==> flow/design.v <==
module core_switch #(
    parameter DATA_W = 16,
    parameter INPUTS = 3,
    parameter LG = $clog2(INPUTS)
) (
    input wire clk,
    input wire nrst,
    input wire [INPUTS*DATA_W-1:0] i_bus,
    input wire [LG-1:0] i_select,
    output wire [DATA_W-1:0] o_data_out
);
    reg [INPUTS*DATA_W-1:0] bus_q;
    reg [LG-1:0] select_q;
    wire [INPUTS*DATA_W-1:0] cur = bus_q >> (select_q * DATA_W);
    assign o_data_out = cur[DATA_W-1:0];
    always @(posedge clk) begin
        if (!nrst) begin
            bus_q <= 0;
            select_q <= 0;
        end else begin
            bus_q <= i_bus;
            select_q <= i_select;
        end
    end
endmodule
Hand-over note for core_switch

Tool chain data of core_switch

Module core_switch in several versions that differ in "INPUTS"; each step lists the members.
The RTL above is that of INPUTS 3; lines are counted from 1 in the file of the member named.
Operators: Yosys type, input widths -> output width; for muxes data width and select width s.
Cell names lack the library's common part.
A cell with - has no value.

Design top: core_switch
Clock input: clk
Cell library: sky130hd
Library corner: tt_025C_1v80

Source of the members

New or changed lines of each further member against the RTL above, in its own file; lines it lacks are not shown.

New or changed lines:

| INPUTS | line | RTL |
| 5      | 3    | `parameter INPUTS = 5,` |
| 8      | 3    | `parameter INPUTS = 8,` |
| 16     | 3    | `parameter INPUTS = 16,` |

Elaborated design

Source: Yosys, flattened and elaborated, memories not mapped. Widths are those after wreduce; folded enables and synchronous resets count as part of the registers. Registers that Yosys merges into a memory's read port (data or address) are not register bits. Print and check cells do not count. Equal cells are merged and count once.

Bit counts:

| INPUTS | RAM bits | word-level cells | bits in latches | bits in read-only memories | memories | input port bits | clocked read ports x word width | register bits after elaboration |
| 3      | 0        | 3                | 0               | 0                          | 0        | 52              | 0                               | 50 |
| 5      | 0        | 3                | 0               | 0                          | 0        | 85              | 0                               | 83 |
| 8      | 0        | 3                | 0               | 0                          | 0        | 133             | 0                               | 131 |
| 16     | 0        | 3                | 0               | 0                          | 0        | 262             | 0                               | 260 |

Operators by class:

| INPUTS | multipliers | multiplexer cells | shifts and indexed selects | add/subtract/negate cells | reduce/logical cells | divide/modulo/power cells | equality and inequality tests | bitwise logic cells | magnitude comparators |
| 3      | 0           | 0                 | 1                          | 0                         | 0                    | 0                         | 0                             | 0                   | 0 |
| 5      | 0           | 0                 | 1                          | 0                         | 0                    | 0                         | 0                             | 0                   | 0 |
| 8      | 0           | 0                 | 1                          | 0                         | 0                    | 0                         | 0                             | 0                   | 0 |
| 16     | 0           | 0                 | 1                          | 0                         | 0                    | 0                         | 0                             | 0                   | 0 |

Operators with widths:

| INPUTS | kind and count |
| 3      | $shr 48x6->16 (1) |
| 5      | $shr 80x7->16 (1) |
| 8      | $shr 128x7->16 (1) |
| 16     | $shr 256x8->16 (1) |

Depth

Longest topological path by Yosys (ltp), each cell counted once; first at word level (registers and memories cut), then after technology mapping (sequential cells cut; the memories' decode and read muxes count).

Logic depth:

| INPUTS | depth after elaboration | ABC_AREA | mapped depth |
| 3      | 1                       | 0        | 5 |
| 5      | 1                       | 0        | 6 |
| 8      | 1                       | 0        | 4 |
| 16     | 1                       | 0        | 5 |

Netlist

Yosys stat after the flow's synthesis: flattened, memories mapped to cells. It holds for the ABC_AREA given above (unset counts as 0); a run with the other value may have another netlist.
The area totals of this step are shown rounded.

Cell types:

| INPUTS | types with counts |
| 3      | dfxtp_1 (50); and2_1 (50); mux2i_1 (16); o2bb2ai_1 (16); buf_6 (3); buf_8 (2); clkbuf_1 (6); nor2b_4 (1) |
| 5      | dfxtp_1 (83); and2_1 (83); mux2i_1 (16); a221o_1 (14); mux2_4 (8); mux2_2 (8); nor2_1 (15); clkbuf_1 (9); buf_6 (2); buf_12 (1); nor3b_4 (1); buf_2 (3); nand2_1 (4); o211ai_1 (2); buf_4 (1); clkbuf_4 (1); nand2b_1 (1) |
| 8      | dfxtp_1 (131); and2_1 (131); mux4_1 (28); mux2_2 (16); mux4_2 (4); clkbuf_1 (15); buf_6 (4); buf_1 (3); clkbuf_2 (1) |
| 16     | dfxtp_1 (260); and2_1 (261); mux4_2 (54); mux4_1 (10); a22oi_1 (32); clkbuf_1 (33); nand2_1 (16); buf_4 (6); buf_6 (4); clkbuf_8 (2); buf_2 (3); dlymetal6s2s_1 (1); nor2b_1 (2); dlygate4sd1_1 (1); nor2_1 (1) |

Mapped netlist:

| INPUTS | sequential area (um^2) | flip-flops | chip area (Yosys) (um^2) | cell count |
| 3      | 1001                   | 50         | 1714                     | 144 |
| 5      | 1662                   | 83         | 2909                     | 252 |
| 8      | 2623                   | 131        | 4566                     | 333 |
| 16     | 5205                   | 260        | 8911                     | 686 |

Worst setup path after synthesis

OpenSTA on the mapped netlist: ideal clock, no wires. The path of least setup slack (recovery checks aside). Input and output delay are each 20% of the period. Register names are those of the netlist, which keeps one name where synthesis merged equal registers.

Timing after synthesis:

| INPUTS | kind               | from                 | to                    | driving pins on the path | setup slack (ps) | path delay (ps) | period (ps) | synthesis period reached (ps) |
| 3      | register to output | register select_q[0] | output o_data_out[11] | 6                        | 230              | 922             | 1440        | 1210 |
| 5      | register to output | register select_q[0] | output o_data_out[0]  | 6                        | 312              | 1256            | 1960        | 1648 |
| 8      | register to output | register select_q[0] | output o_data_out[0]  | 5                        | 346              | 1390            | 2170        | 1824 |
| 16     | register to output | register select_q[0] | output o_data_out[12] | 6                        | 365              | 1451            | 2270        | 1905 |

"path delay" = arrival - input delay + setup time.
A path that ends at an output port has no setup time.
"driving pins on the path" counts driving pins, that of a launching flip-flop among them; a cell with two outputs on the path counts twice.
"synthesis period reached" is the clock period less the worst setup slack; recovery checks do not enter. This is arithmetic on one report: input and output delays are still those of the set period (20% each).
The rows between start and end are the longest chain of elaborated cells between them; the timing report does not say that the signal goes this way. Where chains are equally long, one stands for them.
A line is the first line of the expression or statement that the cell stems from. Yosys adds cells for indexed reads and writes and turns some case tables into memories.

On the way, after synthesis, INPUTS 3:
Length of the longest elaborated chain: 1

Ends and longest elaborated chain, after synthesis, INPUTS 3:

| item            | line | RTL |
| start, declared | 13   | `reg [LG-1:0] select_q;` |
| start, assigned | 19   | `select_q <= 0;` |
| start, assigned | 22   | `select_q <= i_select;` |
| $shr 48x6->16   | 14   | `wire [INPUTS*DATA_W-1:0] cur = bus_q >> (select_q * DATA_W);` |
| end, declared   | 10   | `output wire [DATA_W-1:0] o_data_out` |

On the way, after synthesis, INPUTS 16:
Length of the longest elaborated chain: 1

Ends and longest elaborated chain, after synthesis, INPUTS 16:

| item            | line | RTL |
| start, declared | 13   | `reg [LG-1:0] select_q;` |
| start, assigned | 19   | `select_q <= 0;` |
| start, assigned | 22   | `select_q <= i_select;` |
| $shr 256x8->16  | 14   | `wire [INPUTS*DATA_W-1:0] cur = bus_q >> (select_q * DATA_W);` |
| end, declared   | 10   | `output wire [DATA_W-1:0] o_data_out` |

Path in the finished layout

From the final timing report of the run of each member: the path of least setup slack in the routed layout; clock arrival at registers is part of the times.
The report prints the path's times to 10 ps; the period is as set.

Timing post-layout:

| INPUTS | kind               | from                 | to                    | path buffers | arrival time (ps) | driving pins on the path | period (ps) | setup slack (ps) |
| 3      | register to output | register select_q[1] | output o_data_out[13] | 2            | 1290              | 5                        | 1440        | -130 |
| 5      | register to output | register select_q[2] | output o_data_out[8]  | 2            | 1660              | 5                        | 1960        | -90 |
| 8      | register to output | register select_q[0] | output o_data_out[5]  | 2            | 1920              | 5                        | 2170        | -180 |
| 16     | register to output | register select_q[0] | output o_data_out[15] | 4            | 2340              | 8                        | 2270        | -530 |

Layout results

One run of the flow (Yosys, OpenROAD) for each member, with settings and measured results. Input and output delays are each 20% of the period that was set; the output load is 0.01 pF.

CAP_MARGIN: 20
CORE_MARGIN: 2
CORE_UTILIZATION: 40
SLEW_MARGIN: 20

Settings by member:

| INPUTS | period_ns |
| 3      | 1.44 |
| 5      | 1.96 |
| 8      | 2.17 |
| 16     | 2.27 |

Measured results:

| INPUTS | Yosys chip area after synthesis (um^2) | final worst hold slack (ps) | setup slack of the critical path (ps) | total power after layout (uW) | period reached (ps) | standard-cell area after routing (um^2) | post-route setup TNS (ps) | post-layout utilization (%) | area of the die (um^2) |
| 3      | 1714                                   | 575                         | -134                                  | 2623                          | 1574                | 2571                                    | -1626                     | 63.4                        | 4825 |
| 5      | 2909                                   | 546                         | -89                                   | 3314                          | 2049                | 4238                                    | -706                      | 59.4                        | 7971 |
| 8      | 4566                                   | 576                         | -184                                  | 6351                          | 2354                | 6897                                    | -2484                     | 61.2                        | 12280 |
| 16     | 8911                                   | 357                         | -529                                  | 10590                         | 2799                | 13460                                   | -7518                     | 61.7                        | 23490 |

"period reached" is the run's clock period less its worst setup slack. It is reckoned from that one timing run; input and output delays stay at 20% of the period that was set.
"total power after layout": no workload was simulated; the value follows from the tool's default switching activity.
Results are given in rounded form.

End of note.
